==> flow/design.v <==
module gen_shift_unit_rtl #(
   parameter int W = 28,
   parameter int SBITS = $clog2(W)
) (
   input  logic ck,
   input  logic rst,
   input  logic [W-1:0] in,
   input  logic [SBITS-1:0] count,
   output logic [W-1:0] z_o
);
   logic [W-1:0] in_s;
   logic [SBITS-1:0] count_s;
   always_ff @(posedge ck or posedge rst) begin
      if (rst) begin
         in_s <= 0;
         count_s <= 0;
      end else begin
         in_s <= in;
         count_s <= count;
      end
   end
   assign z_o = in_s >> count_s;
endmodule
## Tool chain data of gen_shift_unit_rtl

The steps from the RTL of gen_shift_unit_rtl to its reports follow in flow order.
Line numbers count from 1 in the design file above.
Cell names lack the library's common part.
Not given: --

| set-up | value |
|---|---|
| top module | gen_shift_unit_rtl |
| clock port | ck |
| standard-cell library | sky130hd |
| corner | tt_025C_1v80 |

## Word level

Counts by Yosys on the flattened word-level netlist (proc, flatten, opt, wreduce; memories kept). Register bits leave out memories and registers merged into their read ports (data or address); mux counts leave out enables and synchronous resets folded into registers. Print and check cells are left out. Cells with the same type and inputs are merged into one.

| operators by class | value |
|---|---|
| shift operators | 1 |

Operator list:

| operator | number |
|---|---|
| >> shifter 28 x 5 -> 28 bit | 1 |

| word-level totals | value |
|---|---|
| output and inout port bits | 28 |
| register bits after elaboration | 33 |
| elaborated cells | 3 |

## Depth

Longest topological path by Yosys (ltp), each cell counted once; first at word level (registers and memories cut), then after technology mapping (sequential cells cut; the memories' decode and read muxes count).

| depth | value |
|---|---|
| depth after elaboration | 1 |
| ABC_AREA | 0 |
| depth in mapped cells | 7 |

## Mapped cells and area

Source: synth_stat.txt of the flow (Yosys; design flattened, memories mapped). It holds for the ABC_AREA given above (unset counts as 0); a run with the other value may have another netlist.
The area totals of this step are shown rounded.

| synthesis totals | value |
|---|---|
| cell area after synthesis | 2349 um^2 |
| buffer cells | 18 |
| sequential part of the area | 825.8 um^2 |
| cells in the netlist | 198 |
| flip-flops | 33 |

Cell types:

| cell | number | total area (um^2) |
|---|---|---|
| dfrtp_1 | 33 | 825.792 |
| mux4_2 | 25 | 563.04 |
| mux2_2 | 14 | 157.651 |
| mux2i_1 | 10 | 100.096 |
| nor2_1 | 21 | 78.826 |
| a211oi_1 | 8 | 60.058 |
| nand2_1 | 16 | 60.058 |
| buf_6 | 5 | 56.304 |
| a32oi_1 | 4 | 35.034 |
| nand2b_1 | 5 | 31.28 |
| nor2b_1 | 5 | 31.28 |
| o211ai_1 | 4 | 30.029 |
| mux4_1 | 1 | 26.275 |
| o22ai_1 | 4 | 25.024 |
| clkbuf_1 | 6 | 22.522 |
| buf_2 | 4 | 20.019 |
| o221ai_1 | 2 | 17.517 |
| o32ai_1 | 2 | 17.517 |

Not listed: further types 21, cells in them 29.

## Worst setup path after synthesis

Path of least setup slack by OpenSTA after synthesis, without wires, with an ideal clock, recovery checks aside; 20% of the period is set as input and as output delay. Where synthesis merged equal registers, the netlist keeps one of their names.

| timing path after synthesis | value |
|---|---|
| kind | reg-to-output |
| from | register count_s[0] |
| to | output port z_o[4] |
| clock period | 2580 ps |
| delay of the path | 1651 ps |
| data arrival time | 1651 ps |
| path slack | 413 ps |
| driving pins on the path | 6 |
| data required time | 2064 ps |
| time at the first pin | 0 ps |
| external output delay | 516 ps |
| synthesis period reached | 2167 ps |

"delay of the path" is the arrival time less input delay plus setup time.
A path that ends at an output port has no setup time.
"driving pins on the path" counts driving pins, that of a launching flip-flop among them; a cell with two outputs on the path counts twice.
"synthesis period reached" is the clock period less the worst setup slack; recovery checks do not enter. This is arithmetic on one report: input and output delays are still those of the set period (20% each).
Between the ends stands the longest chain of elaborated cells between them, by number of cells; it is not shown to be the way that was timed. Of several equally long chains one is given.
A line is the first line of the expression or statement that the cell stems from. Yosys adds cells for indexed reads and writes and turns some case tables into memories.

| on the way, after synthesis | value |
|---|---|
| cells stage by stage | dfrtp_1 > buf_6 > mux4_2 > mux2_2 > nand2_1 > o221ai_1 |
| cells in the longest elaborated chain | 1 |
| elaborated cells on any way between the ends | 1 |
| classes of those cells | shift: 1 |

Ends and longest elaborated chain, after synthesis:

| item | line | RTL |
|---|---|---|
| from (decl) | 12 | `logic [SBITS-1:0] count_s;` |
| from (assign) | 16 | `count_s <= 0;` |
| from (assign) | 19 | `count_s <= count;` |
| >> shifter 28 x 5 -> 28 bit | 22 | `assign z_o = in_s >> count_s;` |
| to (decl) | 9 | `output logic [W-1:0] z_o` |

## Timing after layout

From the final timing report of run A: the path of least setup slack in the routed layout; clock arrival at registers is part of the times.
The report prints the path's times to 10 ps; the period is as set.

| timing path after layout | value |
|---|---|
| kind | reg-to-output |
| from | register count_s[0] |
| to | output port z_o[0] |
| driving pins on the path | 8 |
| data required time | 2060 ps |
| data arrival time | 2170 ps |
| clock period | 2580 ps |
| path slack | -110 ps |
| external output delay | 520 ps |
| time at the first pin | 280 ps |

Between the ends stands the longest chain of elaborated cells between them, by number of cells; it is not shown to be the way that was timed. Of several equally long chains one is given.

| on the way, after layout | value |
|---|---|
| cells stage by stage | dfrtp_2 > buf_6 > mux4_2 > buf_4 > a22o_1 > nand2_1 > o211ai_1 > buf_2 |
| cells in the longest elaborated chain | 1 |
| elaborated cells on any way between the ends | 1 |
| classes of those cells | shift: 1 |

Ends and longest elaborated chain, after layout:

| item | line | RTL |
|---|---|---|
| from (decl) | 12 | `logic [SBITS-1:0] count_s;` |
| from (assign) | 16 | `count_s <= 0;` |
| from (assign) | 19 | `count_s <= count;` |
| >> shifter 28 x 5 -> 28 bit | 22 | `assign z_o = in_s >> count_s;` |
| to (decl) | 9 | `output logic [W-1:0] z_o` |

## Implementation results

Settings and measured results of 3 stored flow runs for module gen_shift_unit_rtl (sky130hd), not sorted in any way. The constraints put input and output delay at 20% of the set period each and load the outputs with 0.01 pF.
"worst path time" means the part of the period allowed to the worst setup path (the constraints hold back 20% at inputs and 20% at outputs) less its slack; where the path has registers, the arrival times of their clocks count too.
"total power of the final layout": no workload was simulated; the value follows from the tool's default switching activity.
"worst path time" is known to 10 ps.
Results are given in rounded form.
Settings: - = not set for that run.
Results: - = not shown.

| run name | period_ns | CAP_MARGIN | CORE_MARGIN | CORE_UTILIZATION | SLEW_MARGIN | PLACE_DENSITY_LB_ADDON | CELL_PAD_IN_SITES_DETAIL_PLACEMENT | GPL_TIMING_DRIVEN | MAX_ROUTING_LAYER | CORE_ASPECT_RATIO | TNS_END_PERCENT | CTS_CLUSTER_DIAMETER | MIN_ROUTING_LAYER | area of the synthesized netlist (um^2) | die area (um^2) | utilization (%) | total power of the final layout (µW) | worst path time (ps) | critical path type | worst setup slack after layout (ps) |
|---|---|---|---|---|---|---|---|---|---|---|---|---|---|---|---|---|---|---|---|---|
| run A | 2.58 | 20 | 2 | 40 | 20 | - | - | - | - | - | - | - | - | 2349 | 6500 | 64.4 | 1632 | 2170 | reg-to-output | -108 |
| run B | 2.32 | 30 | 2 | 20 | 20 | 0.12 | 0 | 1 | met5 | - | - | - | - | 2349 | 12620 | 35.3 | 1965 | 2170 | reg-to-output | -315 |
| run C | 3.9 | 20 | 2 | 71 | 20 | 0.04 | - | 0 | met4 | 1.61 | 20 | 321 | met1 | - | - | - | - | - | - | - |

Run C: did not finish, placement stopped with FLW-0024
